==> flow/design.v <==
module alu_sub_unit_rtl #(
    parameter WD = 80
) (
    input  wire i_clk,
    input  wire rst_ni,
    input  wire ce,
    input  wire [WD-1:0] i_rs1,
    input  wire i_sub,
    input  wire i_zero,
    output wire [WD-1:0] o_q
);
    reg [WD-1:0] accum;
    always @(posedge i_clk or negedge rst_ni) begin
        if (!rst_ni) begin
            accum <= 0;
        end else if (ce) begin
            accum <= i_zero ? i_rs1 : i_sub ? accum - i_rs1 : accum + i_rs1;
        end
    end
    assign o_q = accum;
endmodule
---- Tool chain data of alu_sub_unit_rtl ----
The steps from the RTL of alu_sub_unit_rtl to its reports follow in flow order.
Lines are those of the file above, counted from 1.
Operators carry their Yosys type and port widths (W data, S select, Z words).
Not given: n/a
design
  design top .............................. alu_sub_unit_rtl
  clock input ............................. i_clk
  library ................................. sky130hd
  corner .................................. tt_025C_1v80

---- Elaborated design ----
Yosys after proc, flatten, opt, wreduce and memory -nomap, before mapping. Enables and synchronous resets that opt folds into registers are not counted as muxes. Memory bits, and registers merged into a memory's read port (data or address), are not among the register bits. Print and check cells are not counted. Equal cells are merged and count once.
cells by class
  add/sub/neg operators ................... 2
  mux-type cells .......................... 2
operators with widths
  kind              count
  $mux W80          2
  $add A80 B80 Y80  1
  $sub A80 B80 Y80  1
word-level totals
  register bits ........................... 80
  bits of input ports ..................... 85
  output and inout port bits .............. 80
  word-level cells ........................ 5

---- Depth ----
Yosys ltp: most cells in a row. Word level: on the elaborated netlist, between registers, memories and ports. Mapped: between sequential cells and ports; inverters and the memories' decode and read muxes count.
logic depth
  depth after elaboration ................. 3
  ABC_AREA ................................ 0
  mapped depth ............................ 23
  mapped depth without buffers ............ 23

---- Netlist ----
Yosys stat after the flow's synthesis: flattened, memories mapped to cells. It holds for the ABC_AREA given above (unset counts as 0); a run with the other value may have another netlist.
cell types
  type                       count  area in all (um^2)
  sky130_fd_sc_hd__dfrtp_1   80     2001.92
  sky130_fd_sc_hd__a21oi_1   233    1.17E+03
  sky130_fd_sc_hd__ha_1      80     1000.96
  sky130_fd_sc_hd__xnor2_1   108    945.907
  sky130_fd_sc_hd__nor2_1    200    750.72
  sky130_fd_sc_hd__nand2_1   105    394.128
  sky130_fd_sc_hd__o21ai_0   65     325.312
  sky130_fd_sc_hd__xor2_1    35     306.544
  sky130_fd_sc_hd__clkbuf_1  65     243.984
  sky130_fd_sc_hd__a21o_1    31     232.723
  sky130_fd_sc_hd__o21bai_1  29     217.709
  sky130_fd_sc_hd__nand4_1   33     206.448
  sky130_fd_sc_hd__nor3_1    39     195.187
  sky130_fd_sc_hd__a31oi_1   30     187.68
  sky130_fd_sc_hd__and3_1    27     168.912
  sky130_fd_sc_hd__mux2i_1   16     160.154
  sky130_fd_sc_hd__nor4_1    25     156.4
  sky130_fd_sc_hd__inv_1     39     146.39
Other cell types: 62; their cells: 212.
synthesis totals
  standard cells after synthesis .......... 1452
  synthesis area .......................... 10498.8 um^2
  sequential part of the area ............. 2001.9 um^2
  mapped flip-flops ....................... 80
  buffers ................................. 79

---- Worst setup path after synthesis ----
Source: OpenSTA report_checks on the synthesized netlist (no wires, ideal clock, input and output delay 20% of the period each), path of least setup slack; recovery checks are left aside. Register names are those of the netlist, which keeps one name where synthesis merged equal registers.
timing path after synthesis
  kind .................................... input to register
  from .................................... in i_rs1[0]
  to ...................................... reg accum[76]
  period .................................. 6700 ps
  input delay ............................. 1340 ps
  library setup time ...................... 69 ps
  time at the first pin ................... 1340 ps
  arrival time ............................ 5556 ps
  data required time ...................... 6631 ps
  slack ................................... 1076 ps
  delay of the path ....................... 4285 ps
  stages .................................. 22
  path buffers ............................ 0
  period reached after synthesis .......... 5624 ps
"delay of the path" is the arrival time less input delay plus setup time.
"stages" counts driving pins, that of a launching flip-flop among them; a cell with two outputs on the path counts twice.
"period reached after synthesis" is the clock period less the worst setup slack; recovery checks do not enter. This is arithmetic on one report: input and output delays are still those of the set period (20% each).
Between the ends stands the longest chain of elaborated cells between them, by number of cells; it is not shown to be the way that was timed. Of several equally long chains one is given.
A line is the first line of the expression or statement that the cell stems from. Yosys adds cells for indexed reads and writes and turns some case tables into memories.
on the way, after synthesis
  cell sequence ........................... sky130_fd_sc_hd__inv_1 > sky130_fd_sc_hd__ha_1 > sky130_fd_sc_hd__nor4b_1 > sky130_fd_sc_hd__nand3_1 > sky130_fd_sc_hd__nor3_4 > sky130_fd_sc_hd__and3_2 > sky130_fd_sc_hd__nand2_2 > sky130_fd_sc_hd__nor2_2 > sky130_fd_sc_hd__nor4b_4 > sky130_fd_sc_hd__a21oi_1 > sky130_fd_sc_hd__xnor2_1 > sky130_fd_sc_hd__ha_1 > sky130_fd_sc_hd__nand2_1 > sky130_fd_sc_hd__o21ai_0 > sky130_fd_sc_hd__a211oi_1 > sky130_fd_sc_hd__o21ai_0 > sky130_fd_sc_hd__o2111ai_1 > sky130_fd_sc_hd__nand4_1 > sky130_fd_sc_hd__a41oi_2 > sky130_fd_sc_hd__o221ai_2 > sky130_fd_sc_hd__or4b_1 > sky130_fd_sc_hd__nand3_1
  length of the longest elaborated chain .. 3
  elaborated cells on any way between the ends .. 4
  source lines of those cells ............. 1
  those cells by class .................... 2 x add/sub; 2 x mux
RTL lines, path after synthesis
  item              RTL line  RTL
  start, declared   7         input  wire [WD-1:0] i_rs1,
  $add A80 B80 Y80  17        accum <= i_zero ? i_rs1 : i_sub ? accum - i_rs1 : accum + i_rs1;
  $mux W80 x2       17
  end, assigned     15        accum <= 0;
  end, assigned     17
  end, declared     12        reg [WD-1:0] accum;

---- Path in the finished layout ----
From the final timing report of stored run 1: the path of least setup slack in the routed layout; clock arrival at registers is part of the times.
The report prints the path's times to 10 ps; the period is as set.
timing path post-layout
  kind .................................... input to register
  from .................................... in i_rs1[13]
  to ...................................... reg accum[62]
  period .................................. 7070 ps
  input delay ............................. 1410 ps
  library setup time ...................... 110 ps
  time at the first pin ................... 1410 ps
  arrival time ............................ 6070 ps
  data required time ...................... 7320 ps
  slack ................................... 1250 ps
  stages .................................. 18
  path buffers ............................ 1
Between the ends stands the longest chain of elaborated cells between them, by number of cells; it is not shown to be the way that was timed. Of several equally long chains one is given.
on the way, post-layout
  cell sequence ........................... sky130_fd_sc_hd__dlygate4sd2_1 > sky130_fd_sc_hd__or3_4 > sky130_fd_sc_hd__or3_4 > sky130_fd_sc_hd__nor2_1 > sky130_fd_sc_hd__nand2_1 > sky130_fd_sc_hd__nor4_2 > sky130_fd_sc_hd__nor2_1 > sky130_fd_sc_hd__xnor2_1 > sky130_fd_sc_hd__ha_2 > sky130_fd_sc_hd__nand4_1 > sky130_fd_sc_hd__nor4b_4 > sky130_fd_sc_hd__nand3b_4 > sky130_fd_sc_hd__a2111oi_4 > sky130_fd_sc_hd__o2111ai_2 > sky130_fd_sc_hd__a31oi_4 > sky130_fd_sc_hd__xnor2_1 > sky130_fd_sc_hd__o21ai_1 > sky130_fd_sc_hd__mux2_2
  length of the longest elaborated chain .. 3
  elaborated cells on any way between the ends .. 4
  source lines of those cells ............. 1
  those cells by class .................... 2 x add/sub; 2 x mux
RTL lines, path post-layout
  item              RTL line  RTL
  start, declared   7         input  wire [WD-1:0] i_rs1,
  $add A80 B80 Y80  17        accum <= i_zero ? i_rs1 : i_sub ? accum - i_rs1 : accum + i_rs1;
  $mux W80 x2       17
  end, assigned     15        accum <= 0;
  end, assigned     17
  end, declared     12        reg [WD-1:0] accum;

Below are 3 stored runs of the flow (Yosys, OpenROAD; platform sky130hd) on alu_sub_unit_rtl, each with its settings and what was measured, unordered. Constraints: input delay and output delay 20% of the set period each, output load 0.01 pF.
By "achieved period" is meant the clock period of the run minus its worst setup slack. This is arithmetic on one report: input and output delays are still those of the set period (20% each).
"critical setup path time": the worst setup path's part of the clock period (all of it between registers, 20% less for each end at a port) less its slack. A launch clock that arrives late makes it longer, a capture clock that arrives late makes it shorter.
"total design power": no workload was simulated; the value follows from the tool's default switching activity.
"critical setup path time" is given in steps of 10 ps.

---- stored run 1 ----
settings
  period_ns = 7.07
  CORE_UTILIZATION = 57
  SETUP_SLACK_MARGIN = 1.16
  PLACE_DENSITY_LB_ADDON = 0.14
  TNS_END_PERCENT = 50
  ABC_AREA = 0
  GPL_TIMING_DRIVEN = 1
  GPL_ROUTABILITY_DRIVEN = 1
  CAP_MARGIN = 10
  MAX_ROUTING_LAYER = met4
  CORE_MARGIN = 2
  SLEW_MARGIN = 20
results
  std-cell area (final layout) ............ 13424.1 um^2
  worst hold slack ........................ 535 ps
  critical setup path time ................ 4400 ps
  class of the worst setup path ........... input to register
  utilization after routing ............... 0.745
  chip area after synthesis (Yosys) ....... 10498.8 um^2
  full die area ........................... 19520.3 um^2
  total design power ...................... 4.754 mW
  worst setup slack after layout .......... 1251 ps
  total negative setup slack .............. 0 ps
  achieved period ......................... 5819 ps

---- stored run 2 ----
settings
  period_ns = 6.7
  CAP_MARGIN = 20
  CORE_MARGIN = 2
  CORE_UTILIZATION = 40
  SLEW_MARGIN = 20
results
  utilization after routing ............... 0.512
  achieved period ......................... 6419 ps
  worst hold slack ........................ 535 ps
  std-cell area (final layout) ............ 13254.0 um^2
  total design power ...................... 4.901 mW
  worst setup slack after layout .......... 281 ps
  critical setup path time ................ 5080 ps
  class of the worst setup path ........... input to register
  chip area after synthesis (Yosys) ....... 10498.8 um^2
  full die area ........................... 27559.3 um^2
  total negative setup slack .............. 0 ps

---- stored run 3 ----
settings
  period_ns = 3.97
  CORE_UTILIZATION = 70
  PLACE_DENSITY_LB_ADDON = 0.18
  CORE_ASPECT_RATIO = 1.17
  CELL_PAD_IN_SITES_DETAIL_PLACEMENT = 2
  TNS_END_PERCENT = 55
  ABC_AREA = 0
  CAP_MARGIN = 40
  MIN_ROUTING_LAYER = met1
  CORE_MARGIN = 2
  SLEW_MARGIN = 20
results
  did not finish, placement stopped with DPL-0038
